==> flow/design.v <==
module core_arith #(
   parameter XLEN = 8
) (
   input  wire CLK,
   input  wire [XLEN-1:0] A,
   input  wire op,
   output wire [XLEN-1:0] d
);
   reg [XLEN-1:0] A_reg;
   reg op_reg;
   always @(posedge CLK) begin
      A_reg <= A;
      op_reg <= op;
   end
   assign d = (A_reg ^ {XLEN{op_reg}}) + op_reg;
endmodule
Reports on core_arith
What the tools print for core_arith, step after step.
Lines are those of the file above, counted from 1.
Operators carry their Yosys type and port widths (W data, S select, Z words).
Cell names lack the library's common part.
{"block": "inputs", "top_module": "core_arith", "clk_port": "CLK", "library": "sky130hd", "corner": "tt_025C_1v80"}

Word-level counts
Counts by Yosys on the flattened word-level netlist (proc, flatten, opt, wreduce; memories kept). Register bits leave out memories and registers merged into their read ports (data or address); mux counts leave out enables and synchronous resets folded into registers. Print and check cells are left out. Cells with the same type and inputs are merged into one.
{"block": "bits", "register_bits": 9, "inputBits": 10, "wordCells": 4}
{"block": "classes", "add_sub_neg": 1, "logic": 1}
{"block": "op_table", "op": "$add A8 B1 Y8", "n": 1}
{"block": "op_table", "op": "$xor A8 B8 Y8", "n": 1}

Depth
Depth = most cells in a row (Yosys ltp): at word level without a register or memory, in the mapped netlist without a sequential cell, where the memories' decode and read muxes count.
{"block": "logic_depth", "ltp_word": 2, "abc_area": 0, "mapped_depth": 7, "mapped_depth_nobuf": 7}

Mapped cells and area
The flow's flattened synthesis, as Yosys stat reports it; memories are mapped. The netlist is that of the ABC_AREA named above (0 if unset); the other value can give another one.
{"block": "mapped", "mapped_cells": 44, "synth_area_um2": 456.7, "seq_area_um2": 180.2, "flip_flops": 9, "n_buf": 1}
{"block": "types", "type": "dfxtp_1", "n": 9, "area_total_um2": 180.173}
{"block": "types", "type": "xnor2_1", "n": 5, "area_total_um2": 43.792}
{"block": "types", "type": "ha_1", "n": 3, "area_total_um2": 37.536}
{"block": "types", "type": "xor2_1", "n": 4, "area_total_um2": 35.034}
{"block": "types", "type": "a21oi_1", "n": 5, "area_total_um2": 25.024}
{"block": "types", "type": "nand2b_1", "n": 3, "area_total_um2": 18.768}
{"block": "types", "type": "o22a_4", "n": 1, "area_total_um2": 17.517}
{"block": "types", "type": "or4b_4", "n": 1, "area_total_um2": 13.763}
{"block": "types", "type": "o211ai_2", "n": 1, "area_total_um2": 12.512}
{"block": "types", "type": "a41o_2", "n": 1, "area_total_um2": 11.261}
{"block": "types", "type": "o31a_2", "n": 1, "area_total_um2": 10.01}
{"block": "types", "type": "o221ai_1", "n": 1, "area_total_um2": 8.758}
{"block": "types", "type": "or2b_2", "n": 1, "area_total_um2": 8.758}
{"block": "types", "type": "nand2_1", "n": 2, "area_total_um2": 7.507}
{"block": "types", "type": "nor2_1", "n": 2, "area_total_um2": 7.507}
{"block": "types", "type": "nand4_1", "n": 1, "area_total_um2": 6.256}
{"block": "types", "type": "o21ai_0", "n": 1, "area_total_um2": 5.005}
{"block": "types", "type": "clkbuf_1", "n": 1, "area_total_um2": 3.754}
{"block": "types", "type": "inv_1", "n": 1, "area_total_um2": 3.754}

Worst setup path after synthesis
Path of least setup slack by OpenSTA after synthesis, without wires, with an ideal clock, recovery checks aside; 20% of the period is set as input and as output delay. Where synthesis merged equal registers, the netlist keeps one of their names.
{"block": "synth_timing", "path_type": "reg-to-output", "start": "register op_reg", "end": "output port d[7]", "period_ns": 2.6, "output_delay_ns": 0.520, "launch_ns": 0.000, "arrival_ns": 1.667, "path_slack_ns": 0.413, "delay_ns": 1.667, "path_stages": 6, "path_buffers": 0, "synth_period_reached_ns": 2.187}
"delay_ns" is the arrival time less input delay plus setup time.
A path that ends at an output port has no setup time.
"path_stages" counts driving pins, that of a launching flip-flop among them; a cell with two outputs on the path counts twice.
"synth_period_reached_ns" is the clock period less the worst setup slack; recovery checks do not enter. This is arithmetic on one report: input and output delays are still those of the set period (20% each).
Between the ends stands the longest chain of elaborated cells between them, by number of cells; it is not shown to be the way that was timed. Of several equally long chains one is given.
A line is the first line of the expression or statement that the cell stems from. Yosys adds cells for indexed reads and writes and turns some case tables into memories.
{"block": "synth_between", "path_cell_list": "dfxtp_1 ha_1 or4b_4 o22a_4 o211ai_2 xor2_1", "elab_chain_len": 2, "cone_cells": 2, "cone_classes": "1 x add/sub; 1 x logic"}
{"block": "synth_rtl", "item": "start: declaration", "line_no": 10, "rtl": "reg op_reg;"}
{"block": "synth_rtl", "item": "start: assignment", "line_no": 13, "rtl": "op_reg <= op;"}
{"block": "synth_rtl", "item": "$xor A8 B8 Y8", "line_no": 15, "rtl": "assign d = (A_reg ^ {XLEN{op_reg}}) + op_reg;"}
{"block": "synth_rtl", "item": "$add A8 B1 Y8", "line_no": 15}
{"block": "synth_rtl", "item": "end: declaration", "line_no": 7, "rtl": "output wire [XLEN-1:0] d"}

Timing after layout
Path of least setup slack in the final report of stored run 1 (OpenROAD, finished layout, wires in). Where an end is a register, its clock arrival counts in the times.
{"block": "layout_timing", "path_type": "reg-to-output", "start": "register op_reg", "end": "output port d[6]", "period_ns": 2.6, "output_delay_ns": 0.52, "launch_ns": 0.24, "arrival_ns": 1.95, "path_slack_ns": 0.13, "path_stages": 9, "path_buffers": 1}
Between the ends stands the longest chain of elaborated cells between them, by number of cells; it is not shown to be the way that was timed. Of several equally long chains one is given.
{"block": "layout_between", "path_cell_list": "dfxtp_4 or2b_4 nand2_1 ha_2 nand2b_1 o31a_2 a21oi_2 xnor2_1 buf_2", "elab_chain_len": 2, "cone_cells": 2, "cone_classes": "1 x add/sub; 1 x logic"}
{"block": "layout_rtl", "item": "start: declaration", "line_no": 10, "rtl": "reg op_reg;"}
{"block": "layout_rtl", "item": "start: assignment", "line_no": 13, "rtl": "op_reg <= op;"}
{"block": "layout_rtl", "item": "$xor A8 B8 Y8", "line_no": 15, "rtl": "assign d = (A_reg ^ {XLEN{op_reg}}) + op_reg;"}
{"block": "layout_rtl", "item": "$add A8 B1 Y8", "line_no": 15}
{"block": "layout_rtl", "item": "end: declaration", "line_no": 7, "rtl": "output wire [XLEN-1:0] d"}

Appendix: measured runs

Record of 3 stored runs of the RTL-to-layout flow on core_arith, platform sky130hd. The runs are unordered. Constraints: input delay and output delay 20% of the set period each, output load 0.01 pF.
By "achievedPeriod_ns" is meant the clock period of the run minus its worst setup slack. This is arithmetic on one report: input and output delays are still those of the set period (20% each).
"worst_path_ns" = time allowed to the worst setup path (clock period - input delay - output delay, where it has them) - its slack; a late launch clock adds to it, a late capture clock takes from it.

Stored run 1
==> flow/run.sh <==
#!/bin/bash
# the make line also repeats the synthesis and layout settings of config.mk as NAME=value (left out here)
make -C /OpenROAD-flow-scripts/flow DESIGN_CONFIG=/design/flow/config.mk WORK_HOME=/design/flow/orfs CLKGATE_MAP_FILE= finish
==> flow/config.mk <==
export PLATFORM = sky130hd
export DESIGN_NAME = core_arith
export DESIGN_NICKNAME = core_arith
export VERILOG_FILES = /design/flow/design.v
export SDC_FILE = /design/flow/constraint.sdc
export NUM_CORES = 4
export LEC_CHECK = 0
export CAP_MARGIN = 20
export CORE_MARGIN = 2
export CORE_UTILIZATION = 40
export SLEW_MARGIN = 20
==> flow/constraint.sdc <==
create_clock -name core_clock -period 2.6 [get_ports {CLK}]
set_input_delay 0.5200 -clock core_clock [delete_from_list [all_inputs] [get_ports {CLK}]]
set_output_delay 0.5200 -clock core_clock [all_outputs]
set_load 0.01 [all_outputs]

==> results of stored run 1, as JSON <==
{
  "ys_area_um2": 456.7,
  "worst_path_ns": 1.95,
  "critical_path_type": "reg-to-output",
  "final_stdcell_area_um2": 742.0,
  "die_um2": 1428.1,
  "achievedPeriod_ns": 2.472,
  "ws_setup_ns": 0.128,
  "tns_ns": 0.000
}

Stored run 2
==> flow/run.sh <==
#!/bin/bash
# the make line also repeats the synthesis and layout settings of config.mk as NAME=value (left out here)
make -C /OpenROAD-flow-scripts/flow DESIGN_CONFIG=/design/flow/config.mk WORK_HOME=/design/flow/orfs CLKGATE_MAP_FILE= finish
==> flow/config.mk <==
export PLATFORM = sky130hd
export DESIGN_NAME = core_arith
export DESIGN_NICKNAME = core_arith
export VERILOG_FILES = /design/flow/design.v
export SDC_FILE = /design/flow/constraint.sdc
export NUM_CORES = 4
export LEC_CHECK = 0
export CAP_MARGIN = 20
export CORE_MARGIN = 2
export CORE_UTILIZATION = 37
export GPL_TIMING_DRIVEN = 1
export PLACE_DENSITY_LB_ADDON = 0.18
export SETUP_SLACK_MARGIN = 0.05
export SLEW_MARGIN = 20
==> flow/constraint.sdc <==
create_clock -name core_clock -period 2.62 [get_ports {CLK}]
set_input_delay 0.5240 -clock core_clock [delete_from_list [all_inputs] [get_ports {CLK}]]
set_output_delay 0.5240 -clock core_clock [all_outputs]
set_load 0.01 [all_outputs]

==> results of stored run 2, as JSON <==
{
  "achievedPeriod_ns": 2.446,
  "tns_ns": 0.000,
  "die_um2": 1531.2,
  "worst_path_ns": 1.92,
  "critical_path_type": "reg-to-output",
  "final_stdcell_area_um2": 726.9,
  "ys_area_um2": 456.7,
  "ws_setup_ns": 0.174
}

Stored run 3
==> flow/run.sh <==
#!/bin/bash
# the make line also repeats the synthesis and layout settings of config.mk as NAME=value (left out here)
make -C /OpenROAD-flow-scripts/flow DESIGN_CONFIG=/design/flow/config.mk WORK_HOME=/design/flow/orfs CLKGATE_MAP_FILE= finish
==> flow/config.mk <==
export PLATFORM = sky130hd
export DESIGN_NAME = core_arith
export DESIGN_NICKNAME = core_arith
export VERILOG_FILES = /design/flow/design.v
export SDC_FILE = /design/flow/constraint.sdc
export NUM_CORES = 4
export LEC_CHECK = 0
export CAP_MARGIN = 20
export CELL_PAD_IN_SITES_DETAIL_PLACEMENT = 2
export CORE_ASPECT_RATIO = 1.52
export CORE_MARGIN = 2
export CORE_UTILIZATION = 57
export CTS_CLUSTER_SIZE = 53
export GPL_ROUTABILITY_DRIVEN = 1
export HOLD_SLACK_MARGIN = 0.1
export PLACE_DENSITY = 0.49
export SETUP_SLACK_MARGIN = 0.5
export SLEW_MARGIN = 20
export TNS_END_PERCENT = 80
==> flow/constraint.sdc <==
create_clock -name core_clock -period 2.98 [get_ports {CLK}]
set_input_delay 0.5960 -clock core_clock [delete_from_list [all_inputs] [get_ports {CLK}]]
set_output_delay 0.5960 -clock core_clock [all_outputs]
set_load 0.01 [all_outputs]

==> results of stored run 3, as JSON <==
{
  "outcome": "incomplete, floorplanning halted on PDN-0185"
}
